==> flow/design.v <==
module add_rtl #(
    parameter integer DWIDTH = 64,
    parameter integer GROUP = 2
) (
    input wire aclk,
    input wire nrst,
    input wire clk_en,
    input wire [DWIDTH-1:0] dataa,
    input wire [DWIDTH-1:0] datab,
    input wire carry_in,
    output reg [DWIDTH-1:0] res,
    output reg carry_out
);
    localparam GROUPS = DWIDTH / GROUP;
    wire [DWIDTH-1:0] r;
    wire [GROUPS:0] c;
    assign c[0] = carry_in;
    genvar g;
    generate
        for (g = 0; g < GROUPS; g = g + 1) begin : row
            wire [GROUP:0] s0 = dataa[g*GROUP +: GROUP] + datab[g*GROUP +: GROUP];
            wire [GROUP:0] s1 = dataa[g*GROUP +: GROUP] + datab[g*GROUP +: GROUP] + 1'b1;
            assign {c[g+1], r[g*GROUP +: GROUP]} = c[g] ? s1 : s0;
        end
    endgenerate
    always @(posedge aclk or negedge nrst) begin
        if (~nrst) begin
            res <= 0;
            carry_out <= 1'b0;
        end else if (clk_en) begin
            res <= r;
            carry_out <= c[GROUPS];
        end
    end
endmodule
# == Tool chain data of add_rtl ==
# What the tools print for add_rtl, step after step.
# Line numbers count from 1 in the design file above.
# Cell names lack the library's common part.
# Not given: -
# inputs
top,add_rtl
clock_port,aclk
lib,sky130hd
pvt_corner,tt_025C_1v80

# == Elaborated design ==
# Source: Yosys, flattened and elaborated, memories not mapped. Widths are those after wreduce; folded enables and synchronous resets count as part of the registers. Registers that Yosys merges into a memory's read port (data or address) are not register bits. Print and check cells do not count. Equal cells are merged and count once.
# word_totals
regBits,65
elab_cells,98
# op_classes
muxes,32
n_addsub,64
# op_table
operator,n
adder 2 x 2 -> 3 bit,32
adder 3 x 1 -> 3 bit (second input constant),32
2-to-1 mux 3 bit,32

# == Logic depth ==
# Yosys ltp: most cells in a row. Word level: on the elaborated netlist, between registers, memories and ports. Mapped: between sequential cells and ports; inverters and the memories' decode and read muxes count.
# logic_depth
depth_word,34
ABC_AREA,0
ltp_mapped,32
depth_no_buf,31

# == Netlist ==
# Source: synth_stat.txt of the flow (Yosys; design flattened, memories mapped). It holds for the ABC_AREA given above (unset counts as 0); a run with the other value may have another netlist.
# by_type
cell_type,n,type_area_um2
dfrtp_1,65,1626.56
ha_1,64,800.768
fa_1,32,640.614
xnor2_1,42,367.853
mux2i_1,26,260.25
mux2_2,22,247.738
a21oi_1,47,235.226
nor2_1,58,217.709
inv_1,35,131.376
nand3b_1,16,120.115
xor2_1,11,96.342
nand2_1,25,93.84
nand3_1,18,90.086
nand4_1,14,87.584
nand4b_1,10,87.584
nor2b_1,14,87.584
clkbuf_1,17,63.811
a2111oi_4,2,55.053
# Not listed: further types 54, cells in them 121.
# synth_totals
mapped_area_um2,6329.8
ffs,65
cells,639
buf_cells,22
sequential_area_um2,1626.6

# == Path before layout ==
# Source: OpenSTA report_checks on the synthesized netlist (no wires, ideal clock, input and output delay 20% of the period each), path of least setup slack; recovery checks are left aside. Register names are those of the netlist, which keeps one name where synthesis merged equal registers.
# synth_path
path_type,input to register
from,input dataa[0]
to,register res[63]
path_slack_ns,1.864
driving_pins,32
n_path_buf,1
tclk_ns,11.6
arrival_ns,9.667
input_delay_ns,2.320
path_delay_ns,7.416
period_less_setup_slack_ns,9.736
# "path_delay_ns" is the arrival time less input delay plus setup time.
# "driving_pins" counts driving pins, that of a launching flip-flop among them; a cell with two outputs on the path counts twice.
# "period_less_setup_slack_ns" is the clock period less the worst setup slack; recovery checks do not enter. This is arithmetic on one report: input and output delays are still those of the set period (20% each).
# The rows between start and end are the longest chain of elaborated cells between them; the timing report does not say that the signal goes this way. Where chains are equally long, one stands for them.
# A line is the first line of the expression or statement that the cell stems from. Yosys adds cells for indexed reads and writes and turns some case tables into memories.
# synth_via
path_cell_list,ha_1 -> inv_1 -> fa_1 -> inv_1 -> ha_1 -> a21bo_2 -> a311o_1 -> a211o_1 -> a32o_2 -> a311oi_2 -> nor3_1 -> a311oi_4 -> a21bo_2 -> a311oi_2 -> nor3_1 -> a311oi_4 -> a21oi_2 -> or4_4 -> a2111o_1 -> o211ai_2 -> a21boi_2 -> nor3_2 -> a41o_1 -> and3_1 -> buf_6 -> o2111a_1 -> a21oi_1 -> a2111oi_4 -> nor4_1 -> and4b_4 -> or4_1 -> nand3_1
elab_chain_cells,34
cells_between,34
classes_between,add/sub: 2; mux: 32
# synth_lines
item,line_no,rtl
"start, declared",8,"input wire [DWIDTH-1:0] dataa,"
adder 2 x 2 -> 3 bit,22,wire [GROUP:0] s1 = dataa[g*GROUP +: GROUP] + datab[g*GROUP +: GROUP] + 1'b1;
adder 3 x 1 -> 3 bit,22,
2-to-1 mux 3 bit x32,23,"assign {c[g+1], r[g*GROUP +: GROUP]} = c[g] ? s1 : s0;"
"end, assigned",28,res <= 0;
"end, assigned",31,res <= r;
"end, declared",11,"output reg [DWIDTH-1:0] res,"

# == Worst path after layout ==
# Path of least setup slack in the final report of record 1 (OpenROAD, finished layout, wires in). Where an end is a register, its clock arrival counts in the times.
# layout_path
path_type,input to register
from,input dataa[0]
to,register carry_out
n_path_buf,1
tclk_ns,17.0
arrival_ns,12.12
path_slack_ns,5.15
driving_pins,32
input_delay_ns,3.40
# The rows between start and end are the longest chain of elaborated cells between them; the timing report does not say that the signal goes this way. Where chains are equally long, one stands for them.
# layout_via
path_cell_list,clkdlybuf4s50_1 -> ha_1 -> inv_1 -> fa_1 -> inv_1 -> ha_1 -> a21bo_2 -> a311o_1 -> a211o_1 -> a32o_2 -> a311oi_2 -> nor3_1 -> a311oi_4 -> a21bo_2 -> a311oi_2 -> nor3_1 -> a311oi_4 -> a21oi_2 -> or4_4 -> a2111o_1 -> o211ai_2 -> a21oi_1 -> nor3_2 -> a41o_1 -> and3_1 -> o2111ai_1 -> o21ai_1 -> a21oi_1 -> nor4_1 -> and4b_4 -> or4_1 -> nand3_1
elab_chain_cells,34
cells_between,34
classes_between,add/sub: 2; mux: 32
# layout_lines
item,line_no,rtl
"start, declared",8,"input wire [DWIDTH-1:0] dataa,"
adder 2 x 2 -> 3 bit,22,wire [GROUP:0] s1 = dataa[g*GROUP +: GROUP] + datab[g*GROUP +: GROUP] + 1'b1;
adder 3 x 1 -> 3 bit,22,
2-to-1 mux 3 bit x32,23,"assign {c[g+1], r[g*GROUP +: GROUP]} = c[g] ? s1 : s0;"
"end, assigned",29,carry_out <= 1'b0;
"end, assigned",32,carry_out <= c[GROUPS];
"end, declared",12,output reg carry_out

# Measured data: module add_rtl, platform sky130hd, 3 stored runs of the flow under differing settings, order arbitrary. Input and output delays are each 20% of the period that was set; the output load is 0.01 pF.
# "achieved_period_ns": clock period set for the run, less the worst setup slack. It is reckoned from that one timing run; input and output delays stay at 20% of the period that was set.
# "worst_path_allowed_less_slack_ns" = time allowed to the worst setup path (clock period - input delay - output delay, where it has them) - its slack; a late launch clock adds to it, a late capture clock takes from it.
# "power.total_mw" is the tool's figure for a default switching activity; nothing was simulated.
# A setting shown as - is not set for that run.
run name,period_ns,CORE_UTILIZATION,SETUP_SLACK_MARGIN,CORE_ASPECT_RATIO,GPL_ROUTABILITY_DRIVEN,CTS_CLUSTER_DIAMETER,CAP_MARGIN,MAX_ROUTING_LAYER,CORE_MARGIN,SLEW_MARGIN,PLACE_DENSITY_LB_ADDON,HOLD_SLACK_MARGIN,yosys_chip_area_um2,total_die_area_um2,stdcell_area_um2,setup_ws_ns,ws_hold_ns,power.total_mw,achieved_period_ns,worst_path_allowed_less_slack_ns,critical_path_kind
record 1,17.0,61,-1.34,0.79,1,109,30,met5,2,20,-,-,6329.8,11213.4,8648.3,5.150,0.488,0.7497,11.850,8.45,input to register
record 2,11.6,40,-,-,-,-,20,-,2,20,-,-,6329.8,16846.7,8758.4,1.005,0.487,1.119,10.595,8.27,input to register
record 3,7.65,28,-,-,-,31,0,met4,2,20,0.01,0.16,6329.8,23825.5,9924.5,-1.305,0.482,1.844,8.955,7.43,input to register
